==> flow/design.v <==
module my_selector_rtl #(
    parameter W = 32
) (
    input wire clk,
    input wire nrst,
    input wire [W-1:0] din0,
    input wire [W-1:0] din1,
    input wire [W-1:0] din2,
    input wire [W-1:0] din3,
    input wire [W-1:0] din4,
    input wire [W-1:0] din5,
    input wire [W-1:0] din6,
    input wire [W-1:0] din7,
    input wire [W-1:0] din8,
    input wire [W-1:0] din9,
    input wire [3:0] sel,
    output wire [W-1:0] q
);
    reg [W-1:0] din0_ff;
    reg [W-1:0] din1_ff;
    reg [W-1:0] din2_ff;
    reg [W-1:0] din3_ff;
    reg [W-1:0] din4_ff;
    reg [W-1:0] din5_ff;
    reg [W-1:0] din6_ff;
    reg [W-1:0] din7_ff;
    reg [W-1:0] din8_ff;
    reg [W-1:0] din9_ff;
    reg [3:0] sel_ff;
    always @(posedge clk or negedge nrst) begin
        if (!nrst) begin
            din0_ff <= 0;
            din1_ff <= 0;
            din2_ff <= 0;
            din3_ff <= 0;
            din4_ff <= 0;
            din5_ff <= 0;
            din6_ff <= 0;
            din7_ff <= 0;
            din8_ff <= 0;
            din9_ff <= 0;
            sel_ff <= 0;
        end else begin
            din0_ff <= din0;
            din1_ff <= din1;
            din2_ff <= din2;
            din3_ff <= din3;
            din4_ff <= din4;
            din5_ff <= din5;
            din6_ff <= din6;
            din7_ff <= din7;
            din8_ff <= din8;
            din9_ff <= din9;
            sel_ff <= sel;
        end
    end
    reg [W-1:0] t;
    always @* begin
        if (sel_ff == 0) t = din0_ff;
        else if (sel_ff == 1) t = din1_ff;
        else if (sel_ff == 2) t = din2_ff;
        else if (sel_ff == 3) t = din3_ff;
        else if (sel_ff == 4) t = din4_ff;
        else if (sel_ff == 5) t = din5_ff;
        else if (sel_ff == 6) t = din6_ff;
        else if (sel_ff == 7) t = din7_ff;
        else if (sel_ff == 8) t = din8_ff;
        else t = din9_ff;
    end
    assign q = t;
endmodule
Reports on my_selector_rtl
The steps from the RTL of my_selector_rtl to its reports follow in flow order.
Line numbers count from 1 in the design file above.
Operators: Yosys type, input widths -> output width; for muxes data width and select width s.
Library cell names are shortened.
The mark n/a stands for no value.
Design
  top: my_selector_rtl
  clock: clk
  cell library: sky130hd
  library corner: tt_025C_1v80

After elaboration
Source: Yosys, flattened and elaborated, memories not mapped. Widths are those after wreduce; folded enables and synchronous resets count as part of the registers. Registers that Yosys merges into a memory's read port (data or address) are not register bits. Print and check cells do not count. Equal cells are merged and count once.
Cells by class
  eq/ne operators: 8
  reduce/logical cells: 1
  mux-type cells: 9
Operator list (count)
  $mux 32: 9
  $eq 4x3->1 const B: 4
  $eq 4x2->1 const B: 2
  $eq 4x1->1 const B: 1
  $eq 4x4->1 const B: 1
  $logic_not 4->1: 1
Word-level totals
  bits of input ports: 326
  bits in registers: 324
  elaborated cells: 29
  output and inout bits: 32

Logic depth
Yosys ltp: most cells in a row. Word level: on the elaborated netlist, between registers, memories and ports. Mapped: between sequential cells and ports; inverters and the memories' decode and read muxes count.
Depth
  depth after elaboration: 10
  ABC_AREA: 1
  mapped depth: 17
  depth with buffers taken out: 17

Synthesis result
Yosys stat after the flow's synthesis: flattened, memories mapped to cells. It holds for the ABC_AREA given above (unset counts as 0); a run with the other value may have another netlist.
Totals and module areas in this step are rounded.
Cells by type
  dfrtp_1: count 324, total area 8.11E+03 um2
  nand2_1: count 309, total area 1.16E+03 um2
  nand3_1: count 109, total area 545.523 um2
  inv_1: count 95, total area 356.592 um2
  a21oi_1: count 69, total area 345.331 um2
  nor2_1: count 61, total area 228.97 um2
  or2_0: count 29, total area 181.424 um2
  o21ai_0: count 34, total area 170.163 um2
  or2_2: count 22, total area 137.632 um2
  clkbuf_1: count 28, total area 105.101 um2
  o211ai_1: count 12, total area 90.086 um2
  buf_2: count 17, total area 85.082 um2
  buf_4: count 5, total area 37.536 um2
  or2_1: count 5, total area 31.28 um2
  inv_2: count 8, total area 30.029 um2
  nand4_4: count 1, total area 21.27 um2
  nand2_2: count 3, total area 18.768 um2
  nor2_2: count 3, total area 18.768 um2
Other cell types: 6; their cells: 10.
Mapped netlist
  mapped cells: 1144
  sequential part of the area: 8110 um2
  flip-flops: 324
  cell area after synthesis: 11700 um2
  buffer cells: 55

Path before layout
OpenSTA on the mapped netlist: ideal clock, no wires. The path of least setup slack (recovery checks aside). Input and output delay are each 20% of the period. Register names are those of the netlist, which keeps one name where synthesis merged equal registers.
Timing path post-synthesis
  path kind: register to output
  start point: register sel_ff[0]
  end point: output port q[10]
  output delay: 0.520 ns
  data required time: 2.080 ns
  slack: 0.492 ns
  data arrival time: 1.588 ns
  launch time at the first pin: 0.000 ns
  path buffers: 2
  stages: 12
  period: 2.6 ns
  delay of the path: 1.588 ns
  period reached after synthesis: 2.108 ns
"delay of the path" is the arrival time less input delay plus setup time.
A path that ends at an output port has no setup time.
"stages" counts driving pins, that of a launching flip-flop among them; a cell with two outputs on the path counts twice.
"period reached after synthesis" = period - worst setup slack (recovery checks aside). The figure is calculated, with input and output delays left at 20% of the set period.
Between the ends stands the longest chain of elaborated cells between them, by number of cells; it is not shown to be the way that was timed. Of several equally long chains one is given.
A line is the first line of the expression or statement that the cell stems from. Yosys adds cells for indexed reads and writes and turns some case tables into memories.
Between the ends, post-synthesis
  cells stage by stage: dfrtp_1 > nor2_2 > inv_2 > nor2_4 > inv_2 > clkbuf_1 > buf_4 > nand3_1 > nand2_1 > nand2_1 > nand2_1 > a21oi_1
  length of the longest elaborated chain: 10
  elaborated cells on any way between the ends: 18
  RTL lines with such cells: 9
  classes of those cells: eq/ne (8); mux (9); reduce/logical (1)
Ends and longest elaborated chain, post-synthesis
  start: declaration: line 29  | reg [3:0] sel_ff;
  start: assignment: line 42  | sel_ff <= 0;
  start: assignment: line 54  | sel_ff <= sel;
  $eq 4x4->1: line 67  | else if (sel_ff == 8) t = din8_ff;
  $mux 32: line 67
  $mux 32: line 66  | else if (sel_ff == 7) t = din7_ff;
  $mux 32: line 65  | else if (sel_ff == 6) t = din6_ff;
  $mux 32: line 64  | else if (sel_ff == 5) t = din5_ff;
  $mux 32: line 63  | else if (sel_ff == 4) t = din4_ff;
  $mux 32: line 62  | else if (sel_ff == 3) t = din3_ff;
  $mux 32: line 61  | else if (sel_ff == 2) t = din2_ff;
  $mux 32: line 60  | else if (sel_ff == 1) t = din1_ff;
  $mux 32: line 59  | if (sel_ff == 0) t = din0_ff;
  end: declaration: line 17  | output wire [W-1:0] q

Worst path after layout
From the final timing report of stored run 2: the path of least setup slack in the routed layout; clock arrival at registers is part of the times.
Timing path after layout
  path kind: register to output
  start point: register sel_ff[0]
  end point: output port q[30]
  output delay: 0.60 ns
  period: 2.98 ns
  launch time at the first pin: 0.52 ns
  stages: 17
  path buffers: 4
  data arrival time: 2.53 ns
  data required time: 2.38 ns
  slack: -0.15 ns
Between the ends stands the longest chain of elaborated cells between them, by number of cells; it is not shown to be the way that was timed. Of several equally long chains one is given.
Between the ends, after layout
  cells stage by stage: dfrtp_1 > buf_6 > nor2_4 > buf_12 > nand2_8 > buf_6 > o211ai_1 > nand3_1 > nand2_1 > nand2_1 > nand2_2 > nand2_1 > nand2_1 > nand2_2 > nand2_1 > nand2_1 > buf_2
  length of the longest elaborated chain: 10
  elaborated cells on any way between the ends: 18
  RTL lines with such cells: 9
  classes of those cells: eq/ne (8); mux (9); reduce/logical (1)
Ends and longest elaborated chain, after layout
  start: declaration: line 29  | reg [3:0] sel_ff;
  start: assignment: line 42  | sel_ff <= 0;
  start: assignment: line 54  | sel_ff <= sel;
  $eq 4x4->1: line 67  | else if (sel_ff == 8) t = din8_ff;
  $mux 32: line 67
  $mux 32: line 66  | else if (sel_ff == 7) t = din7_ff;
  $mux 32: line 65  | else if (sel_ff == 6) t = din6_ff;
  $mux 32: line 64  | else if (sel_ff == 5) t = din5_ff;
  $mux 32: line 63  | else if (sel_ff == 4) t = din4_ff;
  $mux 32: line 62  | else if (sel_ff == 3) t = din3_ff;
  $mux 32: line 61  | else if (sel_ff == 2) t = din2_ff;
  $mux 32: line 60  | else if (sel_ff == 1) t = din1_ff;
  $mux 32: line 59  | if (sel_ff == 0) t = din0_ff;
  end: declaration: line 17  | output wire [W-1:0] q

Appendix: measured runs

Measured results for my_selector_rtl: 3 stored runs of the Yosys and OpenROAD flow on sky130hd. The settings differ; the order carries no meaning. The constraints put input and output delay at 20% of the set period each and load the outputs with 0.01 pF.
"clock period achieved" = clock period - worst setup slack. The figure is calculated, with input and output delays left at 20% of the set period.
Results are given in rounded form.

==> stored run 1: settings <==
{ "period_ns": 1.83, "CORE_UTILIZATION": 72, "SETUP_SLACK_MARGIN": 0.27, "PLACE_DENSITY_LB_ADDON": 0.26, "TNS_END_PERCENT": 40, "GPL_ROUTABILITY_DRIVEN": 1, "CTS_CLUSTER_DIAMETER": 186, "MIN_ROUTING_LAYER": "met1", "MAX_ROUTING_LAYER": "met4", "CAP_MARGIN": 20, "CORE_MARGIN": 2, "SLEW_MARGIN": 20 }
==> stored run 1: results <==
incomplete, placement halted on FLW-0024

==> stored run 2: settings <==
{ "period_ns": 2.98, "CORE_UTILIZATION": 37, "PLACE_DENSITY_LB_ADDON": 0.17, "ABC_AREA": 1, "CTS_CLUSTER_DIAMETER": 50, "MIN_ROUTING_LAYER": "met1", "MAX_ROUTING_LAYER": "met4", "CAP_MARGIN": 20, "CORE_MARGIN": 2, "SLEW_MARGIN": 20 }
==> stored run 2: results <==
clock period achieved: 3.128 ns
netlist area reported by Yosys: 11,700 um2
die area: 33,200 um2
utilization: 59.4%
setup slack of the worst path: -0.148 ns
area of the standard cells in the finished layout: 18,600 um2

==> stored run 3: settings <==
{ "period_ns": 2.6, "CAP_MARGIN": 20, "CORE_MARGIN": 2, "CORE_UTILIZATION": 40, "SLEW_MARGIN": 20 }
==> stored run 3: results <==
clock period achieved: 2.949 ns
netlist area reported by Yosys: 11,800 um2
die area: 30,800 um2
utilization: 64.5%
setup slack of the worst path: -0.349 ns
area of the standard cells in the finished layout: 18,600 um2
